==> flow/design.v <==
module my_reg_bank_top #(
    parameter ENTRIES = 4,
    parameter DATA_W = 6,
    parameter ADDR_WIDTH = $clog2(ENTRIES)
) (
    input  wire i_clk,
    input  wire RSTN,
    input  wire [ADDR_WIDTH-1:0] i_addr,
    input  wire i_write,
    input  wire [DATA_W-1:0] i_write_data,
    output wire [DATA_W-1:0] o_read_data
);
    reg [ADDR_WIDTH-1:0] r_addr;
    always @(posedge i_clk or negedge RSTN) begin
        if (~RSTN) begin
            r_addr <= 0;
        end else begin
            r_addr <= i_addr;
        end
    end
    reg r_write;
    always @(posedge i_clk or negedge RSTN) begin
        if (~RSTN) begin
            r_write <= 1'b0;
        end else begin
            r_write <= i_write;
        end
    end
    reg [DATA_W-1:0] r_write_data;
    always @(posedge i_clk or negedge RSTN) begin
        if (~RSTN) begin
            r_write_data <= 0;
        end else begin
            r_write_data <= i_write_data;
        end
    end
    reg [DATA_W-1:0] bank [0:ENTRIES-1];
    always @(posedge i_clk)
        if (r_write) bank[r_addr] <= r_write_data;
    assign o_read_data = bank[r_addr];
endmodule
; ---- Tool chain data of my_reg_bank_top
; A sweep over "DATA_W": the same steps for each member of the family.
; The RTL above is that of DATA_W 6; lines are counted from 1 in the file of the member named.
; Library cell names are shortened.
; Not given: -
[setup]
design = my_reg_bank_top
clock_port = i_clk
library = sky130hd
pvt_corner = tt_025C_1v80

; ---- Members of the sweep
; Lines of each other member's file that are new or changed against the file above; lines that a member lacks are not shown.
[src_changes]
columns = DATA_W, line
row1 = 20, 3  ; parameter DATA_W = 20,
row2 = 64, 3  ; parameter DATA_W = 64,

; ---- Word level
; Yosys after proc, flatten, opt, wreduce and memory -nomap, before mapping. Enables and synchronous resets that opt folds into registers are not counted as muxes. Memory bits, and registers merged into a memory's read port (data or address), are not among the register bits. Print and check cells are not counted. Equal cells are merged and count once.
; Memory sizes are those after Yosys's memory passes, which may raise the word count (mostly to a power of two), join words into wider ones and drop unused or constant bits.
[classes]
columns = DATA_W, muxes
row1 = 6, 3
row2 = 20, 3
row3 = 64, 3
[op_table]
columns = DATA_W, operators
row1 = 6, two-way mux 6 bit (1); two-way mux 2 bit (1); two-way mux 1 bit (1)
row2 = 20, two-way mux 20 bit (1); two-way mux 2 bit (1); two-way mux 1 bit (1)
row3 = 64, two-way mux 64 bit (1); two-way mux 2 bit (1); two-way mux 1 bit (1)
[bits]
columns = DATA_W, out_inout_bits, word_cells, ramBits, memories, ff_bits, inputBits
row1 = 6, 6, 7, 24, 1, 9, 11
row2 = 20, 20, 7, 80, 1, 23, 25
row3 = 64, 64, 7, 256, 1, 67, 69
[mem_list]
columns = DATA_W, memory_list
row1 = 6, bank 4 x 6 bit 1R1W
row2 = 20, bank 4 x 20 bit 1R1W
row3 = 64, bank 4 x 64 bit 1R1W

; ---- Longest topological paths
; Longest topological path by Yosys (ltp), each cell counted once; first at word level (registers and memories cut), then after technology mapping (sequential cells cut; the memories' decode and read muxes count).
[logic_depth]
columns = DATA_W, word_depth, ABC_AREA, mapped_depth, depth_no_buf
row1 = 6, 1, 0, 2, 1
row2 = 20, 1, 0, 3, 1
row3 = 64, 1, 0, 4, 1

; ---- Synthesis result
; Yosys stat after the flow's synthesis: flattened, memories mapped to cells. It holds for the ABC_AREA given above (unset counts as 0); a run with the other value may have another netlist.
[synth_totals]
columns = DATA_W, n_buf, mapped_area_um2, seqArea_um2, ff_cells, mapped_cells
row1 = 6, 2, 1132.3, 945.9, 33, 45
row2 = 20, 6, 3528.4, 2977.9, 103, 133
row3 = 64, 16, 10963.0, 9364.0, 323, 407
[by_type]
columns = DATA_W, cell_types
row1 = 6, edfxtp_1 (24); dfrtp_1 (9); mux4_2 (6); and3b_2 (2); buf_6 (1); and3_2 (1); nor3b_1 (1); buf_2 (1)
row2 = 20, edfxtp_1 (80); dfrtp_1 (23); mux4_2 (17); mux4_1 (3); buf_6 (2); buf_12 (1); and3b_1 (2); buf_2 (3); nor3b_1 (1); and3_1 (1)
row3 = 64, edfxtp_1 (256); dfrtp_1 (67); mux4_2 (64); buf_12 (3); buf_2 (8); and3b_1 (2); clkbuf_1 (4); buf_6 (1); nor3b_1 (1); and3_1 (1)

; ---- Timing after synthesis
; OpenSTA on the mapped netlist: ideal clock, no wires. The path of least setup slack (recovery checks aside). Input and output delay are each 20% of the period. Register names are those of the netlist, which keeps one name where synthesis merged equal registers.
[synth_path]
columns = DATA_W, path_kind, start, end, setup_slack_ns, path_stages, path_delay_ns, clock_period_ns, period_less_setup_slack_ns
row1 = 6, register to register, reg r_addr[1], mem bank[0][0], 0.357, 3, 1.433, 1.79, 1.433
row2 = 20, register to register, reg r_addr[1], mem bank[0][0], 0.661, 4, 2.629, 3.29, 2.629
row3 = 64, register to register, reg r_addr[1], mem bank[0][0], 1.521, 5, 6.099, 7.62, 6.099
; "path_delay_ns" = arrival - input delay + setup time.
; "path_stages" counts driving pins, that of a launching flip-flop among them; a cell with two outputs on the path counts twice.
; "period_less_setup_slack_ns" = period - worst setup slack (recovery checks aside). The figure is calculated, with input and output delays left at 20% of the set period.
; The rows between start and end are the longest chain of elaborated cells between them; the timing report does not say that the signal goes this way. Where chains are equally long, one stands for them.
; A line is the first line of the expression or statement that the cell stems from. Yosys adds cells for indexed reads and writes and turns some case tables into memories.
[synth_between_DATA_W_6]
elab_chain_cells = 1
[synth_lines_DATA_W_6]
columns = element, line
row1 = "start, declared", 13  ; reg [ADDR_WIDTH-1:0] r_addr;
row2 = "start, assigned", 16  ; r_addr <= 0;
row3 = "start, assigned", 18  ; r_addr <= i_addr;
row4 = two-way mux 2 bit, 39  ; if (r_write) bank[r_addr] <= r_write_data;
row5 = "end, declared", 37  ; reg [DATA_W-1:0] bank [0:ENTRIES-1];
[synth_between_DATA_W_64]
elab_chain_cells = 1
[synth_lines_DATA_W_64]
columns = element, line
row1 = "start, declared", 13  ; reg [ADDR_WIDTH-1:0] r_addr;
row2 = "start, assigned", 16  ; r_addr <= 0;
row3 = "start, assigned", 18  ; r_addr <= i_addr;
row4 = two-way mux 2 bit, 39  ; if (r_write) bank[r_addr] <= r_write_data;
row5 = "end, declared", 37  ; reg [DATA_W-1:0] bank [0:ENTRIES-1];

; ---- Path in the finished layout
; From the final timing report of each member's run: the path of least setup slack in the routed layout; clock arrival at registers is part of the times.
[layout_path]
columns = DATA_W, path_kind, start, end, setup_slack_ns, path_buffers, arrival_ns, clock_period_ns, path_stages
row1 = 6, register to output, reg r_addr[0], out o_read_data[5], -0.07, 2, 1.50, 1.79, 4
row2 = 20, register to output, reg r_addr[1], out o_read_data[16], 0.29, 1, 2.34, 3.29, 3
row3 = 64, register to output, reg r_addr[0], out o_read_data[21], 2.83, 2, 3.26, 7.62, 4

; ---- Flow runs
; One run of the flow (Yosys, OpenROAD) for each member, with settings and measured results. Input and output delays are each 20% of the period that was set; the output load is 0.01 pF.
[settings]
CAP_MARGIN = 20
CORE_MARGIN = 2
CORE_UTILIZATION = 40
SLEW_MARGIN = 20
[settings_by_member]
columns = DATA_W, period_ns
row1 = 6, 1.79
row2 = 20, 3.29
row3 = 64, 7.62
[results]
columns = DATA_W, achieved_clock_period_ns, design.die.area_um2, setup_tns_ns, totalPower_uw, finalUtil_frac, final_stdcell_area_um2, yosys.chip_area_um2, worst_setup_slack_ns
row1 = 6, 1.863, 3272.4, -0.313, 1362, 0.516, 1410.1, 1132.3, -0.073
row2 = 20, 2.998, 9588.3, 0.000, 2459, 0.498, 4302.9, 3528.4, 0.292
row3 = 64, 4.786, 28747.2, 0.000, 3855, 0.511, 13761.9, 10963.0, 2.834
; "achieved_clock_period_ns" is the run's clock period less its worst setup slack. It is reckoned from that one timing run; input and output delays stay at 20% of the period that was set.
; "totalPower_uw" rests on the timing tool's default activity at the inputs, not on a simulated workload.
